==> flow/design.v <==
module ex_as_core_stage #(
    parameter integer DATA_WIDTH = 4
) (
    input  logic aclk,
    input  logic rst_n,
    input  logic [DATA_WIDTH-1:0] da_i,
    input  logic [DATA_WIDTH-1:0] db_i,
    input  logic subtract_i,
    output logic [DATA_WIDTH-1:0] result_o,
    output logic carry_out_o
);
    logic [DATA_WIDTH-1:0] r_da;
    always_ff @(posedge aclk) begin
        if (!rst_n) begin
            r_da <= 0;
        end else begin
            r_da <= da_i;
        end
    end
    logic [DATA_WIDTH-1:0] r_db;
    always_ff @(posedge aclk) begin
        if (!rst_n) begin
            r_db <= 0;
        end else begin
            r_db <= db_i;
        end
    end
    logic r_subtract;
    always_ff @(posedge aclk) begin
        if (!rst_n) begin
            r_subtract <= 1'b0;
        end else begin
            r_subtract <= subtract_i;
        end
    end
    logic [DATA_WIDTH-1:0] aux;
    assign aux = r_db ^ {DATA_WIDTH{r_subtract}};
    logic [DATA_WIDTH:0] val;
    assign val = r_da + aux + r_subtract;
    assign result_o = val[DATA_WIDTH-1:0];
    assign carry_out_o = val[DATA_WIDTH];
endmodule
From RTL to reports: ex_as_core_stage --
The steps from the RTL of ex_as_core_stage to its reports follow in flow order. Lines are those of the file above, counted from 1. Library cell names are shortened. Not given: --
Set-up: design top ex_as_core_stage, clock port aclk, cell library sky130hd, library corner tt_025C_1v80

Word-level counts --
Counts by Yosys on the flattened word-level netlist (proc, flatten, opt, wreduce; memories kept). Register bits leave out memories and registers merged into their read ports (data or address); mux counts leave out enables and synchronous resets folded into registers. Print and check cells are left out. Cells with the same type and inputs are merged into one.
Word-level totals: word width x clocked read ports 0, input bits 11, bits in writable memories 0, flip-flop bits (word level) 9, memory bits (read-only) 0, bits in latches 0, memories 0, word-level cells 6
Cells by class: divide/modulo/power cells 0, eq/ne operators 0, bitwise gates (word level) 1, $mul 0, order comparisons 0, mux-type cells 0, shift operators 0, add/subtract/negate cells 2, reductions and logical operators 0
Operators by type and width (count):
- 4-bit by 4-bit adder with 5-bit output | 1
- 5-bit by 1-bit adder with 5-bit output | 1
- 4-bit bitwise XOR | 1

Depth --
Yosys ltp: most cells in a row. Word level: on the elaborated netlist, between registers, memories and ports. Mapped: between sequential cells and ports; inverters and the memories' decode and read muxes count.
Logic depth: word-level depth 3, ABC_AREA 0, gate-level depth with buffers 5, mapped depth without buffers 5

Synthesis result --
The flow's flattened synthesis, as Yosys stat reports it; memories are mapped. The netlist is that of the ABC_AREA named above (0 if unset); the other value can give another one.
Cells by type:
- dfxtp_1 | count 9, total area 180.173 um^2
- and2_1 | count 9, total area 56.304 um^2
- xor2_1 | count 5, total area 43.792 um^2
- ha_1 | count 3, total area 37.536 um^2
- fa_1 | count 1, total area 20.019 um^2
- mux2_4 | count 1, total area 15.014 um^2
- a2111oi_0 | count 1, total area 8.758 um^2
- and3b_1 | count 1, total area 8.758 um^2
- nor4b_1 | count 1, total area 8.758 um^2
- nor3b_1 | count 1, total area 7.507 um^2
- o21bai_1 | count 1, total area 7.507 um^2
- or4_1 | count 1, total area 7.507 um^2
- nand4_1 | count 1, total area 6.256 um^2
- a21oi_1 | count 1, total area 5.005 um^2
- clkinvlp_2 | count 1, total area 5.005 um^2
- nand3_1 | count 1, total area 5.005 um^2
Mapped netlist: flip-flop cells 9, standard cells after synthesis 38, cell area after synthesis 422.9 um^2

Worst setup path after synthesis --
OpenSTA on the mapped netlist: ideal clock, no wires. The path of least setup slack (recovery checks aside). Input and output delay are each 20% of the period. Register names are those of the netlist, which keeps one name where synthesis merged equal registers.
Timing path after synthesis: kind reg2out, start point register r_subtract, end point output result_o[3], arrival time 1.556 ns, time at the first pin 0.000 ns, clock period 2.43 ns, stages 6, setup slack 0.388 ns, external output delay 0.486 ns, path buffers 0, delay of the path 1.556 ns, synthesis period reached 2.042 ns
"delay of the path" = arrival - input delay + setup time. A path that ends at an output port has no setup time. "stages" counts driving pins, that of a launching flip-flop among them; a cell with two outputs on the path counts twice. "synthesis period reached" = period - worst setup slack (recovery checks aside). The figure is calculated, with input and output delays left at 20% of the set period. The rows between start and end are the longest chain of elaborated cells between them; the timing report does not say that the signal goes this way. Where chains are equally long, one stands for them. Each line given opens the expression or statement behind the cell; cells for indexed reads and writes are added by Yosys, which also makes memories of some case tables.
Between the ends, after synthesis: cell sequence dfxtp_1 > xor2_1 > ha_1 > clkinvlp_2 > or4_1 > nand3_1, length of the longest elaborated chain 3, elaborated cells between the ends (all ways) 3, source lines of those cells 2
RTL lines, path after synthesis:
- from (decl) | line 28 | logic r_subtract;
- from (assign) | line 31 | r_subtract <= 1'b0;
- from (assign) | line 33 | r_subtract <= subtract_i;
- 4-bit bitwise XOR | line 37 | assign aux = r_db ^ {DATA_WIDTH{r_subtract}};
- 4-bit by 4-bit adder with 5-bit output | line 39 | assign val = r_da + aux + r_subtract;
- 5-bit by 1-bit adder with 5-bit output | line 39
- to (decl) | line 9 | output logic [DATA_WIDTH-1:0] result_o,

Timing after layout --
Path of least setup slack in the final report of flow run 1 (OpenROAD, finished layout, wires in). Where an end is a register, its clock arrival counts in the times.
Timing path after layout: kind reg2out, start point register r_subtract, end point output result_o[3], external output delay 0.69 ns, setup slack 0.30 ns, path buffers 1, stages 7, time at the first pin 0.26 ns, clock period 3.45 ns, arrival time 2.46 ns
The rows between start and end are the longest chain of elaborated cells between them; the timing report does not say that the signal goes this way. Where chains are equally long, one stands for them.
Between the ends, after layout: cell sequence dfxtp_1 > xor2_1 > ha_1 > clkinvlp_2 > or4_1 > nand3_1 > clkdlybuf4s50_1, length of the longest elaborated chain 3, elaborated cells between the ends (all ways) 3, source lines of those cells 2
RTL lines, path after layout:
- from (decl) | line 28 | logic r_subtract;
- from (assign) | line 31 | r_subtract <= 1'b0;
- from (assign) | line 33 | r_subtract <= subtract_i;
- 4-bit bitwise XOR | line 37 | assign aux = r_db ^ {DATA_WIDTH{r_subtract}};
- 4-bit by 4-bit adder with 5-bit output | line 39 | assign val = r_da + aux + r_subtract;
- 5-bit by 1-bit adder with 5-bit output | line 39
- to (decl) | line 9 | output logic [DATA_WIDTH-1:0] result_o,

==> runs of ex_as_core_stage <==
Flow measurements of ex_as_core_stage on sky130hd: 3 stored runs with different settings, listed in no order. Input and output delays are each 20% of the period that was set; the output load is 0.01 pF.
"reached clock period": clock period set for the run, less the worst setup slack. It is reckoned from that one timing run; input and output delays stay at 20% of the period that was set.
By "time on the worst setup path" is meant the share of the clock period that the worst setup path is allowed (20% is reserved at inputs, 20% at outputs), minus its slack. Clock arrival times at its registers enter into it.
By "total power of the final layout" is meant OpenSTA's value without simulated activity: inputs other than the clock are taken to toggle once in ten clock periods, and the tool carries that through the logic.

[flow run 1] flow files
==> flow/run.sh <==
#!/bin/bash
# the make line also repeats the synthesis and layout settings of config.mk as NAME=value (left out here)
make -C /OpenROAD-flow-scripts/flow DESIGN_CONFIG=/design/flow/config.mk WORK_HOME=/design/flow/orfs CLKGATE_MAP_FILE= finish
==> flow/config.mk <==
export PLATFORM = sky130hd
export DESIGN_NAME = ex_as_core_stage
export DESIGN_NICKNAME = ex_as_core_stage
export VERILOG_FILES = /design/flow/design.v
export SDC_FILE = /design/flow/constraint.sdc
export NUM_CORES = 4
export LEC_CHECK = 0
export CAP_MARGIN = 5
export CELL_PAD_IN_SITES_DETAIL_PLACEMENT = 2
export CORE_ASPECT_RATIO = 0.78
export CORE_MARGIN = 6
export CORE_UTILIZATION = 21
export CTS_CLUSTER_SIZE = 89
export GPL_TIMING_DRIVEN = 0
export PLACE_DENSITY_LB_ADDON = 0.12
export SLEW_MARGIN = 20
export TNS_END_PERCENT = 60
==> flow/constraint.sdc <==
create_clock -name core_clock -period 3.45 [get_ports {aclk}]
set_input_delay 0.6900 -clock core_clock [delete_from_list [all_inputs] [get_ports {aclk}]]
set_output_delay 0.6900 -clock core_clock [all_outputs]
set_load 0.01 [all_outputs]

[flow run 1] result: area of the standard cells in the finished layout 626.9 um^2; netlist area reported by Yosys 422.9 um^2; overall die area 3,243.2 um^2; total power of the final layout 274 µW; time on the worst setup path 2.46 ns; kind of the worst setup path reg2out; utilization in the final report 35.4%; worst setup slack after layout 0.303 ns; post-route worst hold slack 1.000 ns; setup total negative slack 0.000 ns; reached clock period 3.147 ns

[flow run 2] flow files
==> flow/run.sh <==
#!/bin/bash
# the make line also repeats the synthesis and layout settings of config.mk as NAME=value (left out here)
make -C /OpenROAD-flow-scripts/flow DESIGN_CONFIG=/design/flow/config.mk WORK_HOME=/design/flow/orfs CLKGATE_MAP_FILE= finish
==> flow/config.mk <==
export PLATFORM = sky130hd
export DESIGN_NAME = ex_as_core_stage
export DESIGN_NICKNAME = ex_as_core_stage
export VERILOG_FILES = /design/flow/design.v
export SDC_FILE = /design/flow/constraint.sdc
export NUM_CORES = 4
export LEC_CHECK = 0
export CAP_MARGIN = 20
export CORE_MARGIN = 2
export CORE_UTILIZATION = 40
export SLEW_MARGIN = 20
==> flow/constraint.sdc <==
create_clock -name core_clock -period 2.43 [get_ports {aclk}]
set_input_delay 0.4860 -clock core_clock [delete_from_list [all_inputs] [get_ports {aclk}]]
set_output_delay 0.4860 -clock core_clock [all_outputs]
set_load 0.01 [all_outputs]

[flow run 2] result: setup total negative slack 0.000 ns; overall die area 1,333.3 um^2; post-route worst hold slack 0.807 ns; time on the worst setup path 1.91 ns; kind of the worst setup path reg2out; total power of the final layout 378 µW; area of the standard cells in the finished layout 671.9 um^2; reached clock period 2.396 ns; worst setup slack after layout 0.034 ns; netlist area reported by Yosys 422.9 um^2; utilization in the final report 69.7%

[flow run 3] flow files
==> flow/run.sh <==
#!/bin/bash
# the make line also repeats the synthesis and layout settings of config.mk as NAME=value (left out here)
make -C /OpenROAD-flow-scripts/flow DESIGN_CONFIG=/design/flow/config.mk WORK_HOME=/design/flow/orfs CLKGATE_MAP_FILE= finish
==> flow/config.mk <==
export PLATFORM = sky130hd
export DESIGN_NAME = ex_as_core_stage
export DESIGN_NICKNAME = ex_as_core_stage
export VERILOG_FILES = /design/flow/design.v
export SDC_FILE = /design/flow/constraint.sdc
export NUM_CORES = 4
export LEC_CHECK = 0
export ABC_AREA = 0
export CAP_MARGIN = 20
export CELL_PAD_IN_SITES_DETAIL_PLACEMENT = 0
export CELL_PAD_IN_SITES_GLOBAL_PLACEMENT = 0
export CORE_MARGIN = 2
export CORE_UTILIZATION = 40
export CTS_CLUSTER_DIAMETER = 283
export CTS_CLUSTER_SIZE = 70
export MAX_ROUTING_LAYER = met5
export PLACE_DENSITY_LB_ADDON = 0.21
export SETUP_SLACK_MARGIN = 0.08
export SLEW_MARGIN = 20
==> flow/constraint.sdc <==
create_clock -name core_clock -period 2.46 [get_ports {aclk}]
set_input_delay 0.4920 -clock core_clock [delete_from_list [all_inputs] [get_ports {aclk}]]
set_output_delay 0.4920 -clock core_clock [all_outputs]
set_load 0.01 [all_outputs]

[flow run 3] result: netlist area reported by Yosys 422.9 um^2; worst setup slack after layout 0.165 ns; overall die area 1,333.3 um^2; area of the standard cells in the finished layout 668.1 um^2; time on the worst setup path 1.80 ns; kind of the worst setup path reg2out; post-route worst hold slack 0.818 ns; reached clock period 2.295 ns; setup total negative slack 0.000 ns; total power of the final layout 366.4 µW; utilization in the final report 69.4%
